==> flow/design.v <==
module u_adder_stage #(
    parameter BITS = 128,
    parameter G = 8
) (
    input  wire clock,
    input  wire i_rst,
    input  wire [BITS-1:0] din,
    input  wire load,
    output wire [BITS+G-1:0] q
);
    reg [BITS+G-1:0] accum;
    always @(posedge clock or posedge i_rst) begin
        if (i_rst) begin
            accum <= 0;
        end else begin
            accum <= load ? 0 : accum + din;
        end
    end
    assign q = accum;
endmodule
## Tool chain data of u_adder_stage

The steps from the RTL of u_adder_stage to its reports follow in flow order.
Lines are those of the file above, counted from 1.
Library cell names are shortened.
The mark - stands for no value.

| inputs | value |
|---|---|
| design top | u_adder_stage |
| clock port | clock |
| cell library | sky130hd |
| library corner | tt_025C_1v80 |

## After elaboration

Source: Yosys, flattened and elaborated, memories not mapped. Widths are those after wreduce; folded enables and synchronous resets count as part of the registers. Registers that Yosys merges into a memory's read port (data or address) are not register bits. Print and check cells do not count. Equal cells are merged and count once.

| cells by class | value |
|---|---|
| add/sub/neg operators | 1 |
| muxes and demuxes | 1 |

Operators by type and width:

| operator | number |
|---|---|
| adder 136 x 128 -> 136 bit | 1 |
| 2-to-1 mux 136 bit | 1 |

| word-level totals | value |
|---|---|
| flip-flop bits (word level) | 136 |
| cells after elaboration | 3 |
| output and inout bits | 136 |
| input bits | 131 |

## Longest topological paths

Longest topological path by Yosys (ltp), each cell counted once; first at word level (registers and memories cut), then after technology mapping (sequential cells cut; the memories' decode and read muxes count).

| depth | value |
|---|---|
| depth in word-level cells | 2 |
| ABC_AREA | 0 |
| mapped depth | 13 |
| gate-level depth less buffers | 13 |

## Synthesis result

Yosys stat after the flow's synthesis: flattened, memories mapped to cells. It holds for the ABC_AREA given above (unset counts as 0); a run with the other value may have another netlist.

| synthesis totals | value |
|---|---|
| cell count | 1746 |
| synthesis area | 13185.1 um^2 |
| flip-flop cells | 136 |
| sequential area | 3403.3 um^2 |
| buffer cells | 93 |

Cells by type:

| type | number | area in all (um^2) |
|---|---|---|
| dfrtp_1 | 136 | 3.4E+03 |
| ha_1 | 128 | 1.6E+03 |
| a21oi_1 | 226 | 1.13E+03 |
| nor2_1 | 260 | 975.936 |
| xnor2_1 | 74 | 648.122 |
| o21ai_0 | 124 | 620.595 |
| nand2_1 | 153 | 574.301 |
| nand4_1 | 77 | 481.712 |
| xor2_1 | 51 | 446.678 |
| a21o_1 | 57 | 427.91 |
| o21bai_1 | 45 | 337.824 |
| clkbuf_1 | 78 | 292.781 |
| inv_1 | 49 | 183.926 |
| o21a_1 | 22 | 165.158 |
| nor3_1 | 29 | 145.139 |
| nand3_1 | 23 | 115.11 |
| o31ai_1 | 15 | 112.608 |
| a31oi_1 | 17 | 106.352 |

Other cell types: 56; their cells: 182.

## Timing after synthesis

Source: OpenSTA report_checks on the synthesized netlist (no wires, ideal clock, input and output delay 20% of the period each), path of least setup slack; recovery checks are left aside. Register names are those of the netlist, which keeps one name where synthesis merged equal registers.

| path after synthesis | value |
|---|---|
| path type | input to register |
| from | input din[0] |
| to | register accum[124] |
| required time | 4.561 ns |
| library setup time | 0.139 ns |
| data arrival time | 3.809 ns |
| clock period | 4.7 ns |
| external input delay | 0.940 ns |
| slack | 0.752 ns |
| path buffers | 0 |
| delay of the path | 3.008 ns |
| driving pins on the path | 13 |
| synthesis period reached | 3.948 ns |

"delay of the path" is the arrival time less input delay plus setup time.
"driving pins on the path" counts driving pins, that of a launching flip-flop among them; a cell with two outputs on the path counts twice.
"synthesis period reached" = period - worst setup slack (recovery checks aside). The figure is calculated, with input and output delays left at 20% of the set period.
The rows between start and end are the longest chain of elaborated cells between them; the timing report does not say that the signal goes this way. Where chains are equally long, one stands for them.
Each line given opens the expression or statement behind the cell; cells for indexed reads and writes are added by Yosys, which also makes memories of some case tables.

| on the way, after synthesis | value |
|---|---|
| cell sequence | ha_1 -> fa_1 -> a21o_1 -> a221o_1 -> a21oi_2 -> o22ai_2 -> o22ai_2 -> nand4b_4 -> nand2_2 -> a41o_2 -> a21oi_2 -> nor4b_1 -> or4b_1 |
| length of the longest elaborated chain | 2 |
| elaborated cells between the ends (all ways) | 2 |
| source lines of those cells | 1 |
| classes of those cells | add/sub (1); mux (1) |

Ends and longest elaborated chain, after synthesis:

| what | RTL line | RTL |
|---|---|---|
| start: declaration | 7 | `input  wire [BITS-1:0] din,` |
| adder 136 x 128 -> 136 bit | 16 | `accum <= load ? 0 : accum + din;` |
| 2-to-1 mux 136 bit | 16 |  |
| end: assignment | 14 | `accum <= 0;` |
| end: assignment | 16 |  |
| end: declaration | 11 | `reg [BITS+G-1:0] accum;` |

## Timing after layout

From the final timing report of run 1: the path of least setup slack in the routed layout; clock arrival at registers is part of the times.

| path after layout | value |
|---|---|
| path type | input to register |
| from | input din[0] |
| to | register accum[122] |
| library setup time | 0.11 ns |
| path buffers | 2 |
| clock period | 6.63 ns |
| external input delay | 1.33 ns |
| slack | 1.38 ns |
| required time | 7.01 ns |
| driving pins on the path | 15 |
| data arrival time | 5.63 ns |

The rows between start and end are the longest chain of elaborated cells between them; the timing report does not say that the signal goes this way. Where chains are equally long, one stands for them.

| on the way, after layout | value |
|---|---|
| cell sequence | clkdlybuf4s50_1 -> ha_1 -> fa_1 -> a21o_1 -> a221oi_1 -> o21ai_0 -> o311ai_1 -> buf_4 -> a21o_1 -> a21oi_1 -> o21a_1 -> a21oi_1 -> o21ai_1 -> a21oi_1 -> mux2_2 |
| length of the longest elaborated chain | 2 |
| elaborated cells between the ends (all ways) | 2 |
| source lines of those cells | 1 |
| classes of those cells | add/sub (1); mux (1) |

Ends and longest elaborated chain, after layout:

| what | RTL line | RTL |
|---|---|---|
| start: declaration | 7 | `input  wire [BITS-1:0] din,` |
| adder 136 x 128 -> 136 bit | 16 | `accum <= load ? 0 : accum + din;` |
| 2-to-1 mux 136 bit | 16 |  |
| end: assignment | 14 | `accum <= 0;` |
| end: assignment | 16 |  |
| end: declaration | 11 | `reg [BITS+G-1:0] accum;` |

==> results <==
3 stored runs of u_adder_stage in the flow (synthesis by Yosys, layout by OpenROAD, sky130hd cells), in arbitrary order. Constraints: input delay and output delay 20% of the set period each, output load 0.01 pF.
"achieved period" means the clock period less the worst setup slack. The figure is calculated, with input and output delays left at 20% of the set period.
"time used up by the worst setup path" is the time allowed to the run's worst setup path (the clock period less input and output delay, where it has them) less its slack. Clock arrival times count: a late capture clock shortens it, a late launch clock lengthens it.
By "overall power" is meant OpenSTA's value without simulated activity: inputs other than the clock are taken to toggle once in ten clock periods, and the tool carries that through the logic.

#### Run 1

| setting | value |
|---|---|
| period_ns | `6.63` |
| CORE_UTILIZATION | `16` |
| SETUP_SLACK_MARGIN | `0.77` |
| PLACE_DENSITY_LB_ADDON | `0.19` |
| CTS_CLUSTER_SIZE | `93` |
| CTS_CLUSTER_DIAMETER | `272` |
| CAP_MARGIN | `35` |
| SLEW_MARGIN | `15` |
| MAX_ROUTING_LAYER | `met4` |
| CORE_MARGIN | `2` |

| result | value |
|---|---|
| netlist area reported by Yosys | 13185.1 um^2 |
| standard-cell area of the final layout | 17620.6 um^2 |
| full die area | 84718.8 um^2 |
| time used up by the worst setup path | 3.92 ns |
| type of the worst setup path | input to register |
| worst setup slack after layout | 1.383 ns |
| overall power | 8.511 mW |
| utilization | 21.5% |
| total negative setup slack | 0.000 ns |
| achieved period | 5.247 ns |

#### Run 2

| setting | value |
|---|---|
| period_ns | `2.38` |
| CORE_UTILIZATION | `38` |
| PLACE_DENSITY_LB_ADDON | `0.03` |
| CORE_MARGIN | `9` |
| CELL_PAD_IN_SITES_GLOBAL_PLACEMENT | `2` |
| GPL_ROUTABILITY_DRIVEN | `0` |
| CAP_MARGIN | `5` |
| MIN_ROUTING_LAYER | `met1` |
| SLEW_MARGIN | `20` |

| result | value |
|---|---|
| overall power | 34.561 mW |
| achieved period | 3.290 ns |
| total negative setup slack | -71.406 ns |
| worst setup slack after layout | -0.910 ns |
| full die area | 41728.3 um^2 |
| utilization | 74.3% |
| time used up by the worst setup path | 2.81 ns |
| type of the worst setup path | input to register |
| standard-cell area of the final layout | 25157.9 um^2 |
| netlist area reported by Yosys | 13185.1 um^2 |

#### Run 3

| setting | value |
|---|---|
| period_ns | `4.7` |
| CAP_MARGIN | `20` |
| CORE_MARGIN | `2` |
| CORE_UTILIZATION | `40` |
| SLEW_MARGIN | `20` |

| result | value |
|---|---|
| overall power | 12.066 mW |
| full die area | 34430.7 um^2 |
| worst setup slack after layout | 0.199 ns |
| total negative setup slack | 0.000 ns |
| utilization | 53.9% |
| netlist area reported by Yosys | 13185.1 um^2 |
| time used up by the worst setup path | 3.56 ns |
| type of the worst setup path | input to register |
| achieved period | 4.501 ns |
| standard-cell area of the final layout | 17538.1 um^2 |
